==> flow/design.v <==
module reg_word #(parameter N = 8) (
  input wire clk,
  input wire en,
  input wire [N-1:0] d,
  output reg [N-1:0] q
);
  always @(posedge clk)
    if (en) q <= d;
endmodule
module dp_reg_file_v2 #(
  parameter ENTRIES = 10,
  parameter DATA_W = 12,
  parameter N_READ = 2,
  parameter ADDR_W = $clog2(ENTRIES)
) (
  input  wire aclk,
  input  wire wr_i,
  input  wire [ADDR_W-1:0] wr_idx_i,
  input  wire [DATA_W-1:0] write_data_i,
  input  wire [N_READ*ADDR_W-1:0] rsel_i,
  output wire [N_READ*DATA_W-1:0] dout_o
);
  reg wr_ff;
  reg [ADDR_W-1:0] wr_idx_ff;
  reg [DATA_W-1:0] write_data_ff;
  always @(posedge aclk) begin
    wr_ff <= wr_i;
    wr_idx_ff <= wr_idx_i;
    write_data_ff <= write_data_i;
  end
  wire [ENTRIES*DATA_W-1:0] mem;
  genvar k;
  generate
    for (k = 0; k < ENTRIES; k = k + 1) begin : lane
      reg_word #(.N(DATA_W)) u (.clk(aclk), .en(wr_ff && wr_idx_ff == k), .d(write_data_ff), .q(mem[k*DATA_W +: DATA_W]));
    end
  endgenerate
  reg [N_READ*ADDR_W-1:0] rsel_ff;
  always @(posedge aclk) begin
    rsel_ff <= rsel_i;
  end
  wire [N_READ*DATA_W-1:0] nxt;
  genvar gj;
  generate
    for (gj = 0; gj < N_READ; gj = gj + 1) begin : g_bit
      assign nxt[gj*DATA_W +: DATA_W] = mem[rsel_ff[gj*ADDR_W +: ADDR_W]*DATA_W +: DATA_W];
    end
  endgenerate
  reg [N_READ*DATA_W-1:0] dout_ff;
  always @(posedge aclk) begin
    dout_ff <= nxt;
  end
  assign dout_o = dout_ff;
endmodule
**Tool chain data of dp_reg_file_v2**

What the tools print for dp_reg_file_v2, step after step.
Line numbers count from 1 in the design file above.
Cell names lack the library's common part.
The mark -- stands for no value.

- Top module: dp_reg_file_v2
- Clock: aclk
- Cell library: sky130hd
- Corner: tt_025C_1v80

**Elaborated design**

Counts by Yosys on the flattened word-level netlist (proc, flatten, opt, wreduce; memories kept). Register bits leave out memories and registers merged into their read ports (data or address); mux counts leave out enables and synchronous resets folded into registers. Print and check cells are left out. Cells with the same type and inputs are merged into one.

- Input port bits: 26
- Memory bits (read-only): 0
- Clocked read ports x word width: 0
- Memories: 0
- Memory bits (writable): 0
- Elaborated cells: 39
- Bits in latches: 0
- Register bits after elaboration: 169
- Output and inout bits: 24

- Reductions and logical operators: 11
- Shift operators: 2
- Add/sub/neg operators: 0
- Multiplexer cells: 0
- $lt $le $gt $ge: 0
- Bitwise gates (word level): 0
- Multiply operators: 2
- Equality and inequality tests: 9
- Divide/modulo/power cells: 0

Operator list:

| kind | number |
|---|---|
| 120-bit by 9-bit indexed select with 12-bit output | 2 |
| 4-bit by 2-bit multiplier with 6-bit output with constant B | 2 |
| 4-bit by 3-bit == test with 1-bit output with constant B | 4 |
| 1-bit logical AND | 10 |
| 4-bit by 2-bit == test with 1-bit output with constant B | 2 |
| 4-bit == test with constant B | 2 |
| 4-bit by 1-bit == test with 1-bit output with constant B | 1 |
| 4-bit zero test | 1 |

**Depth**

Depth = most cells in a row (Yosys ltp): at word level without a register or memory, in the mapped netlist without a sequential cell, where the memories' decode and read muxes count.

- Word-level depth: 2
- ABC_AREA: 1
- Depth in mapped cells: 9
- Mapped depth without buffers: 6

**After synthesis**

Source: synth_stat.txt of the flow (Yosys; design flattened, memories mapped). It holds for the ABC_AREA given above (unset counts as 0); a run with the other value may have another netlist.

Cell types:

| cell type | number | area in all (um2) |
|---|---|---|
| edfxtp_1 | 120 | 3.6E+03 |
| nand2_1 | 271 | 1.02E+03 |
| dfxtp_1 | 49 | 980.941 |
| nand3_1 | 168 | 840.806 |
| inv_1 | 118 | 442.925 |
| o21ai_0 | 24 | 120.115 |
| buf_2 | 22 | 110.106 |
| buf_6 | 6 | 67.565 |
| buf_4 | 5 | 37.536 |
| clkbuf_1 | 9 | 33.782 |
| nor2_1 | 9 | 33.782 |
| nor3_1 | 3 | 15.014 |
| nor3_2 | 1 | 10.01 |
| buf_1 | 2 | 7.507 |
| inv_2 | 2 | 7.507 |

- Sequential part of the area: 4584.4 um2
- Cell area after synthesis: 7328.3 um2
- Mapped cells: 809
- Flip-flops: 169
- Buffer cells: 44

**Path before layout**

Path of least setup slack by OpenSTA after synthesis, without wires, with an ideal clock, recovery checks aside; 20% of the period is set as input and as output delay. Where synthesis merged equal registers, the netlist keeps one of their names.

- Path kind: register -> register
- Start: reg wr_idx_ff[1]
- End: reg lane[9].u.q[0]
- Setup time: 396 ps
- Buffers on the path: 0
- Stages on the path: 4
- Arrival: 1337 ps
- Launch time at the first pin: 0 ps
- Path slack: 866 ps
- Clock period: 2600 ps
- Required time: 2204 ps
- Delay of the path: 1733 ps
- Synthesis period reached: 1734 ps

"delay of the path" is the arrival time less input delay plus setup time.
"stages on the path" counts driving pins, that of a launching flip-flop among them; a cell with two outputs on the path counts twice.
"synthesis period reached" is the clock period less the worst setup slack; recovery checks do not enter. This is arithmetic on one report: input and output delays are still those of the set period (20% each).
Between the ends stands the longest chain of elaborated cells between them, by number of cells; it is not shown to be the way that was timed. Of several equally long chains one is given.
A line is the first line of the expression or statement that the cell stems from. Yosys adds cells for indexed reads and writes and turns some case tables into memories.

- Path through: dfxtp_1 -> inv_1 -> nand2_1 -> nor3_1
- Cells in the longest elaborated chain: 2
- Elaborated cells on any way between the ends: 2
- Source lines of those cells: 1
- Classes of those cells: 1 x eq/ne; 1 x reduce/logical

RTL lines, path post-synthesis:

| what | RTL line | RTL |
|---|---|---|
| start, declared | 24 | `reg [ADDR_W-1:0] wr_idx_ff;` |
| start, assigned | 28 | `wr_idx_ff <= wr_idx_i;` |
| 4-bit == test | 35 | `reg_word #(.N(DATA_W)) u (.clk(aclk), .en(wr_ff && wr_idx_ff == k), .d(write_data_ff), .q(mem[k*DATA_W +: DATA ...` |
| 1-bit logical AND | 35 |  |
| end, assigned | 8 | `if (en) q <= d;` |
| end, declared | 5 | `output reg [N-1:0] q` |

**Path in the finished layout**

Path of least setup slack in the final report of run A (OpenROAD, finished layout, wires in). Where an end is a register, its clock arrival counts in the times.
The path's times are printed in steps of 10 ps; the period is the one set.

- Path kind: register -> output
- Start: reg dout_ff[13]
- End: out dout_o[13]
- Launch time at the first pin: 430 ps
- Required time: 3190 ps
- Arrival: 1420 ps
- Output delay: 800 ps
- Buffers on the path: 1
- Clock period: 3990 ps
- Path slack: 1770 ps
- Stages on the path: 2

- Path through: dfxtp_1 -> clkdlybuf4s50_1
- Cells in the longest elaborated chain: 0
- Elaborated cells on any way between the ends: 0
- Source lines of those cells: 0

RTL lines, path post-layout:

| what | RTL line | RTL |
|---|---|---|
| start, declared | 49 | `reg [N_READ*DATA_W-1:0] dout_ff;` |
| start, assigned | 51 | `dout_ff <= nxt;` |
| end, declared | 21 | `output wire [N_READ*DATA_W-1:0] dout_o` |

Design dp_reg_file_v2 on sky130hd. What follows are 3 stored runs of the flow, each under its own settings; their order means nothing. The constraints put input and output delay at 20% of the set period each and load the outputs with 0.01 pF.
By "period achieved" is meant the clock period of the run minus its worst setup slack. This is arithmetic on one report: input and output delays are still those of the set period (20% each).
By "worst setup path time" is meant the share of the clock period that the worst setup path is allowed (20% is reserved at inputs, 20% at outputs), minus its slack. Clock arrival times at its registers enter into it.
"worst setup path time" is given in steps of 10 ps.

### Run A

Settings: `period_ns=3.99`, `CORE_UTILIZATION=19`, `SETUP_SLACK_MARGIN=1.18`, `PLACE_DENSITY_LB_ADDON=0.05`, `CORE_ASPECT_RATIO=0.52`, `CORE_MARGIN=4`, `CELL_PAD_IN_SITES_DETAIL_PLACEMENT=1`, `ABC_AREA=1`, `CTS_CLUSTER_DIAMETER=166`, `CAP_MARGIN=5`, `SLEW_MARGIN=20`, `MAX_ROUTING_LAYER=met4`

- Period achieved: 2221 ps
- Summed negative setup slack: 0 ps
- Die footprint: 41945.2 um2
- Chip area after synthesis (Yosys): 7328.3 um2
- Worst setup path time: 1420 ps
- Kind of the worst setup path: register -> output
- Standard-cell area of the final layout: 8992.4 um2
- Setup slack of the critical path: 1769 ps

### Run B

Settings: `period_ns=2.6`, `CAP_MARGIN=20`, `CORE_MARGIN=2`, `CORE_UTILIZATION=40`, `SLEW_MARGIN=20`

- Period achieved: 1876 ps
- Summed negative setup slack: 0 ps
- Die footprint: 17998.9 um2
- Chip area after synthesis (Yosys): 6776.5 um2
- Worst setup path time: 1880 ps
- Kind of the worst setup path: register -> register
- Standard-cell area of the final layout: 8251.7 um2
- Setup slack of the critical path: 724 ps

### Run C

Settings: `period_ns=2.01`, `CORE_UTILIZATION=34`, `PLACE_DENSITY_LB_ADDON=0.27`, `CORE_ASPECT_RATIO=1.72`, `CORE_MARGIN=9`, `CELL_PAD_IN_SITES_DETAIL_PLACEMENT=0`, `ABC_AREA=0`, `CTS_CLUSTER_SIZE=14`, `MAX_ROUTING_LAYER=met5`, `CAP_MARGIN=20`, `SLEW_MARGIN=20`

- Period achieved: 1727 ps
- Summed negative setup slack: 0 ps
- Die footprint: 25524.8 um2
- Chip area after synthesis (Yosys): 6776.5 um2
- Worst setup path time: 1320 ps
- Kind of the worst setup path: register -> output
- Standard-cell area of the final layout: 8215.4 um2
- Setup slack of the critical path: 283 ps
